==> flow/design.v <==
module dp_summer_full_adder (
  input wire a,
  input wire b,
  input wire ci,
  output wire s,
  output wire co
);
  assign {co, s} = a + b + ci;
endmodule
module dp_summer #(
  parameter NBITS = 20
) (
  input ck,
  input i_rst_n,
  input ce,
  input [NBITS-1:0] arg0_i,
  input [NBITS-1:0] arg1_i,
  input carry_in_i,
  output reg [NBITS-1:0] result_o,
  output reg ovf_o
);
  wire [NBITS-1:0] t;
  wire [NBITS:0] cy;
  assign cy[0] = carry_in_i;
  genvar k;
  generate
    for (k = 0; k < NBITS; k = k + 1) begin : blk
      dp_summer_full_adder inst (.a(arg0_i[k]), .b(arg1_i[k]), .ci(cy[k]), .s(t[k]), .co(cy[k+1]));
    end
  endgenerate
  always @(posedge ck or negedge i_rst_n) begin
    if (!i_rst_n) begin
      result_o <= 0;
    end else if (ce) begin
      result_o <= t;
    end
  end
  always @(posedge ck or negedge i_rst_n) begin
    if (!i_rst_n) begin
      ovf_o <= 1'b0;
    end else if (ce) begin
      ovf_o <= cy[NBITS];
    end
  end
endmodule
From RTL to reports: dp_summer
What the tools print for dp_summer, step after step.
Lines are those of the file above, counted from 1.
Cell names lack the library's common part.
{"block": "design", "top": "dp_summer", "clock": "ck", "cell_library": "sky130hd", "lib_corner": "tt_025C_1v80"}

Word-level counts
Counts by Yosys on the flattened word-level netlist (proc, flatten, opt, wreduce; memories kept). Register bits leave out memories and registers merged into their read ports (data or address); mux counts leave out enables and synchronous resets folded into registers. Print and check cells are left out. Cells with the same type and inputs are merged into one.
{"block": "classes", "addsub": 40}
{"block": "op_table", "cell": "adder 1 x 1 -> 2 bit", "n": 20}
{"block": "op_table", "cell": "adder 2 x 1 -> 2 bit", "n": 20}
{"block": "bits", "inputBits": 44, "reg_bits": 21, "output_inout_bits": 21, "word_cells": 42}

Depth
Yosys ltp: most cells in a row. Word level: on the elaborated netlist, between registers, memories and ports. Mapped: between sequential cells and ports; inverters and the memories' decode and read muxes count.
{"block": "depth", "depth_word": 21, "ABC_AREA": 0, "mapped_depth": 24, "mapped_depth_nobuf": 24}

Mapped cells and area
The flow's flattened synthesis, as Yosys stat reports it; memories are mapped. The netlist is that of the ABC_AREA named above (0 if unset); the other value can give another one.
{"block": "types", "cell": "dfrtp_1", "n": 21, "type_area_um2": 525.504}
{"block": "types", "cell": "fa_1", "n": 20, "type_area_um2": 400.384}
{"block": "types", "cell": "mux2_2", "n": 18, "type_area_um2": 202.694}
{"block": "types", "cell": "inv_1", "n": 8, "type_area_um2": 30.029}
{"block": "types", "cell": "buf_6", "n": 2, "type_area_um2": 22.522}
{"block": "types", "cell": "a21oi_1", "n": 2, "type_area_um2": 10.01}
{"block": "types", "cell": "mux2i_1", "n": 1, "type_area_um2": 10.01}
{"block": "types", "cell": "nor2_1", "n": 2, "type_area_um2": 7.507}
{"block": "mapped", "buf_cells": 2, "flip_flops": 21, "stdcells": 74, "yosys_area_um2": 1208.7, "seqArea_um2": 525.5}
By module: a second synthesis without flattening, with its own total; a netlist apart from the flattened one above.
{"block": "unflattened", "hier_cells": 64, "hier_area_um2": 1260.0}
Each row is one instance without its submodules.
{"block": "by_module", "module": "dp_summer", "cells": 44, "area_um2": 859.6, "instances": 1, "seq_area_um2": 525.5}
{"block": "by_module", "module": "dp_summer_full_adder", "cells": 1, "area_um2": 20.0, "instances": 20, "seq_area_um2": 0.0}

Worst setup path after synthesis
OpenSTA on the mapped netlist: ideal clock, no wires. The path of least setup slack (recovery checks aside). Input and output delay are each 20% of the period. Register names are those of the netlist, which keeps one name where synthesis merged equal registers.
{"block": "synth_path", "path_kind": "input to register", "startpoint": "in arg0_i[0]", "endpoint": "reg result_o[19]", "path_delay_ns": 7.727, "driving_pins": 24, "setup_ns": 0.077, "required_time_ns": 12.023, "launch_ns": 2.420, "t_arrival_ns": 10.070, "in_delay_ns": 2.420, "setup_slack_ns": 1.953, "n_path_buf": 0, "period_ns": 12.1, "period_less_setup_slack_ns": 10.147}
"path_delay_ns" = arrival - input delay + setup time.
"driving_pins" counts driving pins, that of a launching flip-flop among them; a cell with two outputs on the path counts twice.
"period_less_setup_slack_ns" is the clock period less the worst setup slack; recovery checks do not enter. This is arithmetic on one report: input and output delays are still those of the set period (20% each).
The rows between start and end are the longest chain of elaborated cells between them; the timing report does not say that the signal goes this way. Where chains are equally long, one stands for them.
A line is the first line of the expression or statement that the cell stems from. Yosys adds cells for indexed reads and writes and turns some case tables into memories.
{"block": "synth_via", "cell_sequence": "inv_1 fa_1 inv_1 fa_1 fa_1 fa_1 fa_1 fa_1 fa_1 fa_1 fa_1 fa_1 fa_1 fa_1 fa_1 fa_1 fa_1 fa_1 fa_1 fa_1 fa_1 inv_1 fa_1 a21oi_1", "elab_chain_cells": 21, "cells_between": 21, "cone_lines": 1, "cone_classes": "add/sub (21)"}
{"block": "synth_rtl", "element": "from (decl)", "line_no": 16, "text": "input [NBITS-1:0] arg0_i,"}
{"block": "synth_rtl", "element": "adder 1 x 1 -> 2 bit", "line_no": 8, "text": "assign {co, s} = a + b + ci;"}
{"block": "synth_rtl", "element": "adder 2 x 1 -> 2 bit x20", "line_no": 8}
{"block": "synth_rtl", "element": "to (assign)", "line_no": 33, "text": "result_o <= 0;"}
{"block": "synth_rtl", "element": "to (assign)", "line_no": 35, "text": "result_o <= t;"}
{"block": "synth_rtl", "element": "to (decl)", "line_no": 19, "text": "output reg [NBITS-1:0] result_o,"}

Path in the finished layout
From the final timing report of run 1: the path of least setup slack in the routed layout; clock arrival at registers is part of the times.
{"block": "layout_path", "path_kind": "input to register", "startpoint": "in arg0_i[0]", "endpoint": "reg result_o[19]", "n_path_buf": 1, "setup_ns": 0.08, "t_arrival_ns": 8.75, "launch_ns": 1.43, "in_delay_ns": 1.43, "driving_pins": 25, "required_time_ns": 7.34, "period_ns": 7.16, "setup_slack_ns": -1.41}
The rows between start and end are the longest chain of elaborated cells between them; the timing report does not say that the signal goes this way. Where chains are equally long, one stands for them.
{"block": "layout_via", "cell_sequence": "buf_8 inv_12 fa_2 inv_2 fa_2 fa_2 fa_2 fa_2 fa_2 fa_2 fa_2 fa_2 fa_2 fa_2 fa_2 fa_2 fa_2 fa_2 fa_2 fa_2 fa_2 fa_2 inv_2 fa_2 a21oi_2", "elab_chain_cells": 21, "cells_between": 21, "cone_lines": 1, "cone_classes": "add/sub (21)"}
{"block": "layout_rtl", "element": "from (decl)", "line_no": 16, "text": "input [NBITS-1:0] arg0_i,"}
{"block": "layout_rtl", "element": "adder 1 x 1 -> 2 bit", "line_no": 8, "text": "assign {co, s} = a + b + ci;"}
{"block": "layout_rtl", "element": "adder 2 x 1 -> 2 bit x20", "line_no": 8}
{"block": "layout_rtl", "element": "to (assign)", "line_no": 33, "text": "result_o <= 0;"}
{"block": "layout_rtl", "element": "to (assign)", "line_no": 35, "text": "result_o <= t;"}
{"block": "layout_rtl", "element": "to (decl)", "line_no": 19, "text": "output reg [NBITS-1:0] result_o,"}

FLOW RESULTS
============

Design dp_summer on sky130hd. What follows are 3 stored runs of the flow, each under its own settings; their order means nothing. The constraints put input and output delay at 20% of the set period each and load the outputs with 0.01 pF.
"power.total_mw" is the tool's figure for a default switching activity; nothing was simulated.

{"run": "run 1", "settings": { "period_ns": 7.16, "CORE_UTILIZATION": 16, "PLACE_DENSITY_LB_ADDON": 0.27, "CORE_ASPECT_RATIO": 0.87, "CELL_PAD_IN_SITES_DETAIL_PLACEMENT": 0, "ABC_AREA": 0, "GPL_TIMING_DRIVEN": 1, "CAP_MARGIN": 0, "SLEW_MARGIN": 0, "MIN_ROUTING_LAYER": "met2", "MAX_ROUTING_LAYER": "met5", "CORE_MARGIN": 2 }, "results": { "post_synth_area_um2": 1208.7, "timing.hold.ws_ns": 0.515, "final_setup_tns_ns": -4.902, "cell_area_final_um2": 2065.7, "die_footprint_um2": 8267.1, "worst_setup_slack_ns": -1.408, "power.total_mw": 0.4047 }}
{"run": "run 2", "settings": { "period_ns": 11.4, "CORE_UTILIZATION": 66, "HOLD_SLACK_MARGIN": 0.2, "TNS_END_PERCENT": 100, "CTS_CLUSTER_DIAMETER": 107, "CAP_MARGIN": 15, "MIN_ROUTING_LAYER": "met1", "MAX_ROUTING_LAYER": "met5", "CORE_MARGIN": 2, "SLEW_MARGIN": 20 }, "outcome": "no results, placement failed with GPL-0301"}
{"run": "run 3", "settings": { "period_ns": 12.1, "CAP_MARGIN": 20, "CORE_MARGIN": 2, "CORE_UTILIZATION": 40, "SLEW_MARGIN": 20 }, "results": { "power.total_mw": 0.2203, "worst_setup_slack_ns": 1.523, "final_setup_tns_ns": 0.000, "cell_area_final_um2": 1893.1, "post_synth_area_um2": 1208.7, "timing.hold.ws_ns": 0.520, "die_footprint_um2": 3477.5 }}
